==> flow/design.v <==
module my_add_unit_n #(
  parameter NBITS = 10,
  parameter NUM = 20,
  parameter RES_W = NBITS + $clog2(NUM)
) (
  input  logic core_clk,
  input  logic i_rst_n,
  input  logic [NUM*NBITS-1:0] d_i,
  output logic [RES_W-1:0] sum_o
);
  logic [NUM*NBITS-1:0] d_s;
  always_ff @(posedge core_clk) begin
    if (~i_rst_n) begin
      d_s <= 0;
    end else begin
      d_s <= d_i;
    end
  end
  logic [RES_W-1:0] t;
  always_comb begin
    t = 0;
    for (int k = 0; k < NUM; k++)
      t = t + d_s[k*NBITS +: NBITS];
  end
  always_ff @(posedge core_clk) begin
    if (~i_rst_n) begin
      sum_o <= 0;
    end else begin
      sum_o <= t;
    end
  end
endmodule
# Reports on my_add_unit_n
# The steps from the RTL of my_add_unit_n to its reports follow in flow order.
# Line numbers count from 1 in the design file above.
# Not given: n/a
# setup
top_module	my_add_unit_n
clock	core_clk
cell_library	sky130hd
lib_corner	tt_025C_1v80

# Elaborated design
# Source: Yosys, flattened and elaborated, memories not mapped. Widths are those after wreduce; folded enables and synchronous resets count as part of the registers. Registers that Yosys merges into a memory's read port (data or address) are not register bits. Print and check cells do not count. Equal cells are merged and count once.
# word_totals
mem_count	0
romBits	0
reg_bits	215
out_inout_bits	15
clocked_rd_ports_x_width	0
ramBits	0
latchBits	0
# classes
n_logic	0
reduce_logical	0
div_mod_pow	0
mux	0
shifts	0
n_addsub	19
n_cmp	0
mul	0
n_eq	0
# op_table
cell	count
15-bit by 10-bit adder with 15-bit output	14
14-bit by 10-bit adder with 15-bit output	1
13-bit by 10-bit adder with 14-bit output	1
12-bit by 10-bit adder with 13-bit output	1
11-bit by 10-bit adder with 12-bit output	1
10-bit by 10-bit adder with 11-bit output	1

# Logic depth
# Longest topological path by Yosys (ltp), each cell counted once; first at word level (registers and memories cut), then after technology mapping (sequential cells cut; the memories' decode and read muxes count).
# logic_depth
depth_word	19
abc_area	0
depth_mapped	21
ltp_nobuf	21

# After synthesis
# Yosys stat after the flow's synthesis: flattened, memories mapped to cells. It holds for the ABC_AREA given above (unset counts as 0); a run with the other value may have another netlist.
# Totals and module areas in this step are rounded.
# types
cell_type	count
sky130_fd_sc_hd__dfxtp_1	215
sky130_fd_sc_hd__fa_1	174
sky130_fd_sc_hd__and2_1	203
sky130_fd_sc_hd__inv_1	285
sky130_fd_sc_hd__ha_1	32
sky130_fd_sc_hd__clkbuf_1	21
sky130_fd_sc_hd__a21oi_1	11
sky130_fd_sc_hd__a21o_1	7
sky130_fd_sc_hd__nand2_1	11
sky130_fd_sc_hd__nor2_1	7
sky130_fd_sc_hd__xor2_1	3
sky130_fd_sc_hd__o211ai_2	2
sky130_fd_sc_hd__a31oi_4	1
sky130_fd_sc_hd__mux2i_1	2
sky130_fd_sc_hd__o21ai_1	4
sky130_fd_sc_hd__a21o_2	2
sky130_fd_sc_hd__nand3_1	3
sky130_fd_sc_hd__nor3b_1	2
# Other cell types: 20; their cells: 22.
# mapped
flip_flops	215
seq_area_um2	4300
area_um2	11100
buffers	23
mapped_cells	1007

# Worst setup path after synthesis
# Source: OpenSTA report_checks on the synthesized netlist (no wires, ideal clock, input and output delay 20% of the period each), path of least setup slack; recovery checks are left aside. Register names are those of the netlist, which keeps one name where synthesis merged equal registers.
# synth_timing
path_kind	register to register
from	register d_s[127]
to	register sum_o[12]
t_arrival_ns	5.219
delay_ns	5.291
period_ns	6.61
setup_slack_ns	1.319
stages	20
setup_time_ns	0.072
t_first_pin_ns	0.000
period_less_setup_slack_ns	5.291
# "delay_ns" is the arrival time less input delay plus setup time.
# "stages" counts driving pins, that of a launching flip-flop among them; a cell with two outputs on the path counts twice.
# "period_less_setup_slack_ns" = period - worst setup slack (recovery checks aside). The figure is calculated, with input and output delays left at 20% of the set period.
# The rows between start and end are the longest chain of elaborated cells between them; the timing report does not say that the signal goes this way. Where chains are equally long, one stands for them.
# Each line given opens the expression or statement behind the cell; cells for indexed reads and writes are added by Yosys, which also makes memories of some case tables.
# synth_via
path_cell_list	sky130_fd_sc_hd__dfxtp_1 > sky130_fd_sc_hd__inv_1 > sky130_fd_sc_hd__fa_1 > sky130_fd_sc_hd__inv_1 > sky130_fd_sc_hd__fa_1 > sky130_fd_sc_hd__inv_1 > sky130_fd_sc_hd__fa_1 > sky130_fd_sc_hd__inv_1 > sky130_fd_sc_hd__fa_1 > sky130_fd_sc_hd__fa_1 > sky130_fd_sc_hd__fa_1 > sky130_fd_sc_hd__inv_1 > sky130_fd_sc_hd__fa_1 > sky130_fd_sc_hd__inv_1 > sky130_fd_sc_hd__ha_1 > sky130_fd_sc_hd__a21o_1 > sky130_fd_sc_hd__a31oi_4 > sky130_fd_sc_hd__o211ai_2 > sky130_fd_sc_hd__o21ba_1 > sky130_fd_sc_hd__mux2i_1
elab_chain_cells	8
cone_cells	8
lines_between	1
# synth_lines
element	line_no	rtl
from (decl)	11	logic [NUM*NBITS-1:0] d_s;
from (assign)	14	d_s <= 0;
from (assign)	16	d_s <= d_i;
15-bit by 10-bit adder with 15-bit output x8	23	t = t + d_s[k*NBITS +: NBITS];
to (assign)	27	sum_o <= 0;
to (assign)	29	sum_o <= t;
to (decl)	9	output logic [RES_W-1:0] sum_o

# Path in the finished layout
# Path of least setup slack in the final report of run 1 (OpenROAD, finished layout, wires in). Where an end is a register, its clock arrival counts in the times.
# layout_timing
path_kind	register to register
from	register d_s[127]
to	register sum_o[12]
stages	20
setup_slack_ns	1.10
setup_time_ns	0.06
period_ns	6.61
t_arrival_ns	5.96
t_first_pin_ns	0.51
# The rows between start and end are the longest chain of elaborated cells between them; the timing report does not say that the signal goes this way. Where chains are equally long, one stands for them.
# layout_via
path_cell_list	sky130_fd_sc_hd__dfxtp_1 > sky130_fd_sc_hd__inv_1 > sky130_fd_sc_hd__fa_1 > sky130_fd_sc_hd__inv_1 > sky130_fd_sc_hd__fa_1 > sky130_fd_sc_hd__inv_1 > sky130_fd_sc_hd__fa_1 > sky130_fd_sc_hd__inv_1 > sky130_fd_sc_hd__fa_1 > sky130_fd_sc_hd__fa_1 > sky130_fd_sc_hd__fa_1 > sky130_fd_sc_hd__inv_1 > sky130_fd_sc_hd__fa_1 > sky130_fd_sc_hd__inv_1 > sky130_fd_sc_hd__ha_1 > sky130_fd_sc_hd__a21o_1 > sky130_fd_sc_hd__a31oi_4 > sky130_fd_sc_hd__o211ai_2 > sky130_fd_sc_hd__o21ba_1 > sky130_fd_sc_hd__mux2i_1
elab_chain_cells	8
cone_cells	8
lines_between	1
# layout_lines
element	line_no	rtl
from (decl)	11	logic [NUM*NBITS-1:0] d_s;
from (assign)	14	d_s <= 0;
from (assign)	16	d_s <= d_i;
15-bit by 10-bit adder with 15-bit output x8	23	t = t + d_s[k*NBITS +: NBITS];
to (assign)	27	sum_o <= 0;
to (assign)	29	sum_o <= t;
to (decl)	9	output logic [RES_W-1:0] sum_o

# Below are 3 stored runs of the flow (Yosys, OpenROAD; platform sky130hd) on my_add_unit_n, each with its settings and what was measured, unordered. Constraints: input delay and output delay 20% of the set period each, output load 0.01 pF.
# "achieved_clock_period_ns" = clock period - worst setup slack. The figure is calculated, with input and output delays left at 20% of the set period.
# "timing.worst_path_ns" = time allowed to the worst setup path (clock period - input delay - output delay, where it has them) - its slack; a late launch clock adds to it, a late capture clock takes from it.
# Results are given in rounded form.
# Among the settings, - means not set for that run.
name,run 1,run 2,run 3
period_ns,6.61,6.97,3.33
CAP_MARGIN,20,20,40
CORE_MARGIN,2,2,2
CORE_UTILIZATION,40,23,41
SLEW_MARGIN,20,10,20
PLACE_DENSITY_LB_ADDON,-,0.04,-
HOLD_SLACK_MARGIN,-,0.18,-
CELL_PAD_IN_SITES_GLOBAL_PLACEMENT,-,1,3
TNS_END_PERCENT,-,30,95
GPL_TIMING_DRIVEN,-,1,1
CTS_CLUSTER_DIAMETER,-,81,-
MIN_ROUTING_LAYER,-,met1,-
PLACE_DENSITY,-,-,0.58
ys_area_um2,11100,11100,11100
dieArea_um2,29100,50100,28400
final_cell_area_um2,14500,14900,14900
finalUtil_frac,0.525,0.312,0.554
timing.setup.ws_ns,1.10,1.41,-2.01
setup_tns_ns,0.000,0.000,-24.8
hold_worst_slack_ns,0.582,0.584,0.567
achieved_clock_period_ns,5.511,5.563,5.338
timing.worst_path_ns,5.51,5.56,5.34
critical_path_kind,register to register,register to register,register to register
